==> flow/design.v <==
module my_selector #(
    parameter int WIDTH = 20,
    parameter int LANES = 20
) (
    input  logic sys_clk,
    input  logic RST,
    input  logic [LANES*WIDTH-1:0] data_in,
    input  logic [LANES-1:0] addr_in,
    output logic [WIDTH-1:0] z_o_out
);
    logic [LANES*WIDTH-1:0] data_d1;
    logic [LANES-1:0] addr_d1;
    always_ff @(posedge sys_clk or posedge RST) begin
        if (RST) begin
            data_d1 <= '0;
            addr_d1 <= '0;
        end else begin
            data_d1 <= data_in;
            addr_d1 <= addr_in;
        end
    end
    logic [WIDTH-1:0] work;
    always_comb begin
        work = '0;
        for (int n = 0; n < LANES; n++)
            work = work | (data_d1[n*WIDTH +: WIDTH] & {WIDTH{addr_d1[n]}});
    end
    always_ff @(posedge sys_clk or posedge RST) begin
        if (RST) begin
            z_o_out <= '0;
        end else begin
            z_o_out <= work;
        end
    end
endmodule
==> From RTL to reports: my_selector <==
Tool output for the design above, in the order of the flow.
Lines are those of the file above, counted from 1.
Operators carry their Yosys type and port widths (W data, S select, Z words).
Library cell names are shortened.
{ "design": {"top_module": "my_selector", "clock": "sys_clk", "cell_library": "sky130hd", "corner": "tt_025C_1v80"} }

==> Word level <==
Source: Yosys, flattened and elaborated, memories not mapped. Widths are those after wreduce; folded enables and synchronous resets count as part of the registers. Registers that Yosys merges into a memory's read port (data or address) are not register bits. Print and check cells do not count. Equal cells are merged and count once.
{ "bits": {"word_cells": 42, "ff_bits": 440, "inputBits": 422} }
{ "classes": {"n_logic": 39} }
{ "ops": {"columns": ["cell", "count"], "rows": [
  ["$and A20 B20 Y20", 20],
  ["$or A20 B20 Y20", 19]
]} }

==> Logic depth <==
Longest topological path by Yosys (ltp), each cell counted once; first at word level (registers and memories cut), then after technology mapping (sequential cells cut; the memories' decode and read muxes count).
{ "logic_depth": {"word_depth": 20, "ABC_AREA": 0, "mapped_depth": 5} }

==> After synthesis <==
Yosys stat after the flow's synthesis: flattened, memories mapped to cells. It holds for the ABC_AREA given above (unset counts as 0); a run with the other value may have another netlist.
The area totals of this step are shown rounded.
{ "types": {"columns": ["cell_type", "count"], "rows": [
  ["dfrtp_1", 440],
  ["a22o_1", 80],
  ["a221oi_1", 77],
  ["a22oi_1", 40],
  ["buf_6", 18],
  ["and3_1", 20],
  ["nand4_1", 20],
  ["a221oi_2", 3],
  ["clkbuf_1", 12],
  ["buf_2", 6],
  ["buf_4", 2],
  ["buf_1", 2],
  ["inv_1", 1]
]} }
{ "synth_totals": {"ffs": 440, "buffers": 40, "stdcells": 721, "yosys_area_um2": 13000} }

==> Worst setup path after synthesis <==
OpenSTA on the mapped netlist: ideal clock, no wires. The path of least setup slack (recovery checks aside). Input and output delay are each 20% of the period. Register names are those of the netlist, which keeps one name where synthesis merged equal registers.
{ "synth_path": {"kind": "register to register", "start": "reg addr_d1[6]", "end": "reg z_o_out[19]", "path_buffers": 1, "period_ns": 1.58, "path_delay_ns": 1.266, "launch_ns": 0.000, "path_slack_ns": 0.313, "stages": 6, "required_ns": 1.444, "t_arrival_ns": 1.130, "synth_period_reached_ns": 1.267} }
"path_delay_ns" = arrival - input delay + setup time.
"stages": output pins that drive a net of the path, with the launching flip-flop's if there is one; two outputs of one cell count as two.
"synth_period_reached_ns" is the clock period less the worst setup slack; recovery checks do not enter. This is arithmetic on one report: input and output delays are still those of the set period (20% each).
Between the ends stands the longest chain of elaborated cells between them, by number of cells; it is not shown to be the way that was timed. Of several equally long chains one is given.
A line is the first line of the expression or statement that the cell stems from. Yosys adds cells for indexed reads and writes and turns some case tables into memories.
{ "synth_via": {"cell_sequence": "dfrtp_1 buf_6 a22o_1 a221oi_1 and3_1 nand4_1", "elab_chain_len": 15, "cone_cells": 15} }
{ "synth_rtl": {"columns": ["element", "line", "rtl"], "rows": [
  ["from (decl)", 12, "logic [LANES-1:0] addr_d1;"],
  ["from (assign)", 16, "addr_d1 <= '0;"],
  ["from (assign)", 19, "addr_d1 <= addr_in;"],
  ["$and A20 B20 Y20", 26, "work = work | (data_d1[n*WIDTH +: WIDTH] & {WIDTH{addr_d1[n]}});"],
  ["$or A20 B20 Y20 (14 in a row)", 26, null],
  ["to (assign)", 30, "z_o_out <= '0;"],
  ["to (assign)", 32, "z_o_out <= work;"],
  ["to (decl)", 9, "output logic [WIDTH-1:0] z_o_out"]
]} }

==> Timing after layout <==
Path of least setup slack in the final report of run 1 (OpenROAD, finished layout, wires in). Where an end is a register, its clock arrival counts in the times.
{ "layout_path": {"kind": "register to register", "start": "reg addr_d1[3]", "end": "reg z_o_out[7]", "path_slack_ns": 0.00, "stages": 7, "launch_ns": 0.52, "required_ns": 1.97, "path_buffers": 2, "t_arrival_ns": 1.97, "period_ns": 1.58} }
Between the ends stands the longest chain of elaborated cells between them, by number of cells; it is not shown to be the way that was timed. Of several equally long chains one is given.
{ "layout_via": {"cell_sequence": "dfrtp_1 buf_12 a22o_1 a221oi_2 buf_4 and3_4 nand4_1", "elab_chain_len": 18, "cone_cells": 18} }
{ "layout_rtl": {"columns": ["element", "line", "rtl"], "rows": [
  ["from (decl)", 12, "logic [LANES-1:0] addr_d1;"],
  ["from (assign)", 16, "addr_d1 <= '0;"],
  ["from (assign)", 19, "addr_d1 <= addr_in;"],
  ["$and A20 B20 Y20", 26, "work = work | (data_d1[n*WIDTH +: WIDTH] & {WIDTH{addr_d1[n]}});"],
  ["$or A20 B20 Y20 (17 in a row)", 26, null],
  ["to (assign)", 30, "z_o_out <= '0;"],
  ["to (assign)", 32, "z_o_out <= work;"],
  ["to (decl)", 9, "output logic [WIDTH-1:0] z_o_out"]
]} }

Hand-over note for my_selector

Flow measurements of my_selector on sky130hd: 3 stored runs with different settings, listed in no order. Input and output delays are each 20% of the period that was set; the output load is 0.01 pF.
"time used up by the worst setup path": the worst setup path's part of the clock period (all of it between registers, 20% less for each end at a port) less its slack. A launch clock that arrives late makes it longer, a capture clock that arrives late makes it shorter.
The results are shown rounded.

==> run 1: settings <==
{ "period_ns": 1.58, "CAP_MARGIN": 20, "CORE_MARGIN": 2, "CORE_UTILIZATION": 40, "SLEW_MARGIN": 20 }
==> run 1: results <==
area of the synthesized netlist: 13000 sq um
area of the die: 35000 sq um
standard-cell area of the final layout: 21000 sq um
lowest setup slack: 0.001 ns
sum of negative setup slack: 0.000 ns
time used up by the worst setup path: 1.58 ns
type of the worst setup path: register to register

==> run 2: settings <==
{ "period_ns": 2.19, "CORE_UTILIZATION": 43, "SETUP_SLACK_MARGIN": 0.53, "PLACE_DENSITY_LB_ADDON": 0.1, "CELL_PAD_IN_SITES_GLOBAL_PLACEMENT": 1, "ABC_AREA": 0, "GPL_TIMING_DRIVEN": 1, "GPL_ROUTABILITY_DRIVEN": 0, "CTS_CLUSTER_SIZE": 46, "CTS_CLUSTER_DIAMETER": 347, "CAP_MARGIN": 40, "SLEW_MARGIN": 35, "MIN_ROUTING_LAYER": "met1", "CORE_MARGIN": 2 }
==> run 2: results <==
area of the synthesized netlist: 13000 sq um
area of the die: 32000 sq um
standard-cell area of the final layout: 19000 sq um
lowest setup slack: 0.55 ns
sum of negative setup slack: 0.000 ns
time used up by the worst setup path: 1.64 ns
type of the worst setup path: register to register

==> run 3: settings <==
{ "period_ns": 1.04, "CORE_UTILIZATION": 17, "SETUP_SLACK_MARGIN": 0.24, "PLACE_DENSITY_LB_ADDON": 0.1, "CORE_ASPECT_RATIO": 1.32, "CELL_PAD_IN_SITES_GLOBAL_PLACEMENT": 2, "TNS_END_PERCENT": 40, "SLEW_MARGIN": 30, "CAP_MARGIN": 20, "CORE_MARGIN": 2 }
==> run 3: results <==
area of the synthesized netlist: 13000 sq um
area of the die: 80000 sq um
standard-cell area of the final layout: 24000 sq um
lowest setup slack: -0.63 ns
sum of negative setup slack: -17 ns
time used up by the worst setup path: 1.67 ns
type of the worst setup path: register to register

End of note.
